==> flow/design.v <==
module subtractor_top #(
    parameter int DW = 72
) (
    input logic clk,
    input logic srst,
    input logic ce,
    input logic [DW-1:0] first,
    input logic [DW-1:0] second,
    input logic dir,
    output logic [DW:0] res
);
    logic [DW-1:0] first_reg;
    logic [DW-1:0] second_reg;
    logic dir_reg;
    assign res = dir_reg ? first_reg - second_reg : first_reg + second_reg;
    always_ff @(posedge clk) begin
        if (srst) begin
            first_reg <= '0;
            second_reg <= '0;
            dir_reg <= 1'b0;
        end else if (ce) begin
            first_reg <= first;
            second_reg <= second;
            dir_reg <= dir;
        end
    end
endmodule
; ---- Step by step through the tools: subtractor_top
; The steps from the RTL of subtractor_top to its reports follow in flow order.
; Lines are those of the file above, counted from 1.
; Cell names lack the library's common part.
; A cell with n/a has no value.
[setup]
top = subtractor_top
clk_port = clk
library = sky130hd
pvt_corner = tt_025C_1v80

; ---- After elaboration
; Counts by Yosys on the flattened word-level netlist (proc, flatten, opt, wreduce; memories kept). Register bits leave out memories and registers merged into their read ports (data or address); mux counts leave out enables and synchronous resets folded into registers. Print and check cells are left out. Cells with the same type and inputs are merged into one.
[bits]
reg_bits = 145
elab_cells = 6
out_inout_bits = 73
[op_classes]
muxes = 1
add_sub_neg = 2
[op_table]
columns = operator, n
row1 = 72-bit by 72-bit adder with 73-bit output, 1
row2 = 72-bit by 72-bit subtractor with 73-bit output, 1
row3 = 73-bit two-way mux, 1

; ---- Depth
; Longest topological path by Yosys (ltp), each cell counted once; first at word level (registers and memories cut), then after technology mapping (sequential cells cut; the memories' decode and read muxes count).
[logic_depth]
word_depth = 2
abc_area = 0
mapped_depth = 23
mapped_depth_nobuf = 21

; ---- Mapped cells and area
; The flow's flattened synthesis, as Yosys stat reports it; memories are mapped. The netlist is that of the ABC_AREA named above (0 if unset); the other value can give another one.
; The area totals of this step are shown rounded.
[mapped]
ff_cells = 145
stdcells = 1423
buffers = 86
mapped_area_mm2 = 0.011
seqArea_mm2 = 0.0029
[types]
columns = cell_type, n, area_total_um2
row1 = dfxtp_1, 145, 2.9E+03
row2 = mux2i_1, 147, 1.47E+03
row3 = ha_1, 73, 913.376
row4 = nor2_1, 243, 912.125
row5 = xnor2_1, 97, 849.565
row6 = a21oi_1, 130, 650.624
row7 = xor2_1, 40, 350.336
row8 = o21ai_0, 62, 310.298
row9 = nand2_1, 72, 270.259
row10 = clkbuf_1, 64, 240.23
row11 = nand4_1, 38, 237.728
row12 = nor3_1, 37, 185.178
row13 = a21o_1, 21, 157.651
row14 = o21bai_1, 19, 142.637
row15 = inv_1, 34, 127.622
row16 = a31oi_1, 19, 118.864
row17 = o211ai_1, 12, 90.086
row18 = nand2b_1, 13, 81.328
; Not listed: further types 48, cells in them 157.

; ---- Timing after synthesis
; Path of least setup slack by OpenSTA after synthesis, without wires, with an ideal clock, recovery checks aside; 20% of the period is set as input and as output delay. Where synthesis merged equal registers, the netlist keeps one of their names.
[synth_timing]
path_kind = register -> output
startpoint = register second_reg[9]
endpoint = output res[61]
path_stages = 18
output_delay_ps = 1334
delay_ps = 4268
arrival_time_ps = 4268
n_path_buf = 1
setup_slack_ps = 1068
period_ps = 6670
period_less_setup_slack_ps = 5602
; "delay_ps" is the arrival time less input delay plus setup time.
; At an output port there is no setup time.
; "path_stages" counts driving pins, that of a launching flip-flop among them; a cell with two outputs on the path counts twice.
; "period_less_setup_slack_ps" = period - worst setup slack (recovery checks aside). The figure is calculated, with input and output delays left at 20% of the set period.
; The rows between start and end are the longest chain of elaborated cells between them; the timing report does not say that the signal goes this way. Where chains are equally long, one stands for them.
; A line is the first line of the expression or statement that the cell stems from. Yosys adds cells for indexed reads and writes and turns some case tables into memories.
[synth_between]
cell_sequence = dfxtp_1 or4_1 nor3_1 nand4_1 nor4b_1 a21oi_1 xnor2_1 ha_1 clkbuf_1 nand4_1 nor3_1 a211oi_1 a21oi_1 a31oi_1 o21ai_0 a21oi_1 o21ai_0 xor2_1
elab_chain_cells = 2
cone_cells = 3
cone_lines = 1
cone_classes = 2 x add/sub; 1 x mux
[synth_lines]
columns = element, line
row1 = from (decl), 13  ; logic [DW-1:0] second_reg;
row2 = from (assign), 19  ; second_reg <= '0;
row3 = from (assign), 23  ; second_reg <= second;
row4 = 72-bit by 72-bit adder with 73-bit output, 15  ; assign res = dir_reg ? first_reg - second_reg : first_reg + second_reg;
row5 = 73-bit two-way mux, 15
row6 = to (decl), 10  ; output logic [DW:0] res

; ---- Worst path after layout
; From the final timing report of flow run C: the path of least setup slack in the routed layout; clock arrival at registers is part of the times.
; The report prints the path's times to 10 ps; the period is as set.
[layout_timing]
path_kind = register -> output
startpoint = register second_reg[10]
endpoint = output res[49]
setup_slack_ps = 140
output_delay_ps = 1330
path_stages = 18
period_ps = 6670
arrival_time_ps = 5200
n_path_buf = 3
; The rows between start and end are the longest chain of elaborated cells between them; the timing report does not say that the signal goes this way. Where chains are equally long, one stands for them.
[layout_between]
cell_sequence = dfxtp_1 or4_4 nor3_4 nand4_1 nor4b_2 buf_4 nor2_1 xnor2_1 ha_1 nand4_1 nor3_2 a211oi_1 a21oi_1 a31oi_2 buf_4 o31ai_2 xor2_1 clkdlybuf4s50_1
elab_chain_cells = 2
cone_cells = 3
cone_lines = 1
cone_classes = 2 x add/sub; 1 x mux
[layout_lines]
columns = element, line
row1 = from (decl), 13  ; logic [DW-1:0] second_reg;
row2 = from (assign), 19  ; second_reg <= '0;
row3 = from (assign), 23  ; second_reg <= second;
row4 = 72-bit by 72-bit adder with 73-bit output, 15  ; assign res = dir_reg ? first_reg - second_reg : first_reg + second_reg;
row5 = 73-bit two-way mux, 15
row6 = to (decl), 10  ; output logic [DW:0] res

; Record of 3 stored runs of the RTL-to-layout flow on subtractor_top, platform sky130hd. The runs are unordered. Constraints: input delay and output delay 20% of the set period each, output load 0.01 pF.
; "period_reached_ps": clock period set for the run, less the worst setup slack. It is reckoned from that one timing run; input and output delays stay at 20% of the period that was set.
; "worst_path_allowed_less_slack_ps" is the time allowed to the run's worst setup path (the clock period less input and output delay, where it has them) less its slack. Clock arrival times count: a late capture clock shortens it, a late launch clock lengthens it.
; "worst_path_allowed_less_slack_ps" is known to 10 ps.
; The results are shown rounded.

[flow run A: settings]
period_ns = 4.23
CORE_UTILIZATION = 63
SETUP_SLACK_MARGIN = -0.14
PLACE_DENSITY = 0.83
HOLD_SLACK_MARGIN = 0.01
CORE_MARGIN = 8
TNS_END_PERCENT = 55
ABC_AREA = 1
MIN_ROUTING_LAYER = met2
MAX_ROUTING_LAYER = met4
CAP_MARGIN = 20
SLEW_MARGIN = 20
[flow run A: results]
outcome = unfinished; error GRT-0116 in routing

[flow run B: settings]
period_ns = 4.63
CORE_UTILIZATION = 64
SETUP_SLACK_MARGIN = -0.05
PLACE_DENSITY_LB_ADDON = 0.18
HOLD_SLACK_MARGIN = 0.2
CORE_MARGIN = 10
CTS_CLUSTER_SIZE = 97
MIN_ROUTING_LAYER = met2
CAP_MARGIN = 20
SLEW_MARGIN = 20
[flow run B: results]
outcome = unfinished; error DPL-0038 in clock tree synthesis

[flow run C: settings]
period_ns = 6.67
CAP_MARGIN = 20
CORE_MARGIN = 2
CORE_UTILIZATION = 40
SLEW_MARGIN = 20
[flow run C: results]
period_reached_ps = 6530
finish.stdcell_area_mm2 = 0.015
synthArea_mm2 = 0.011
setup_ws_ps = 140
tns_setup_ps = 0
worst_path_allowed_less_slack_ps = 5200
worstPathKind = register -> output
die_area_mm2 = 0.029
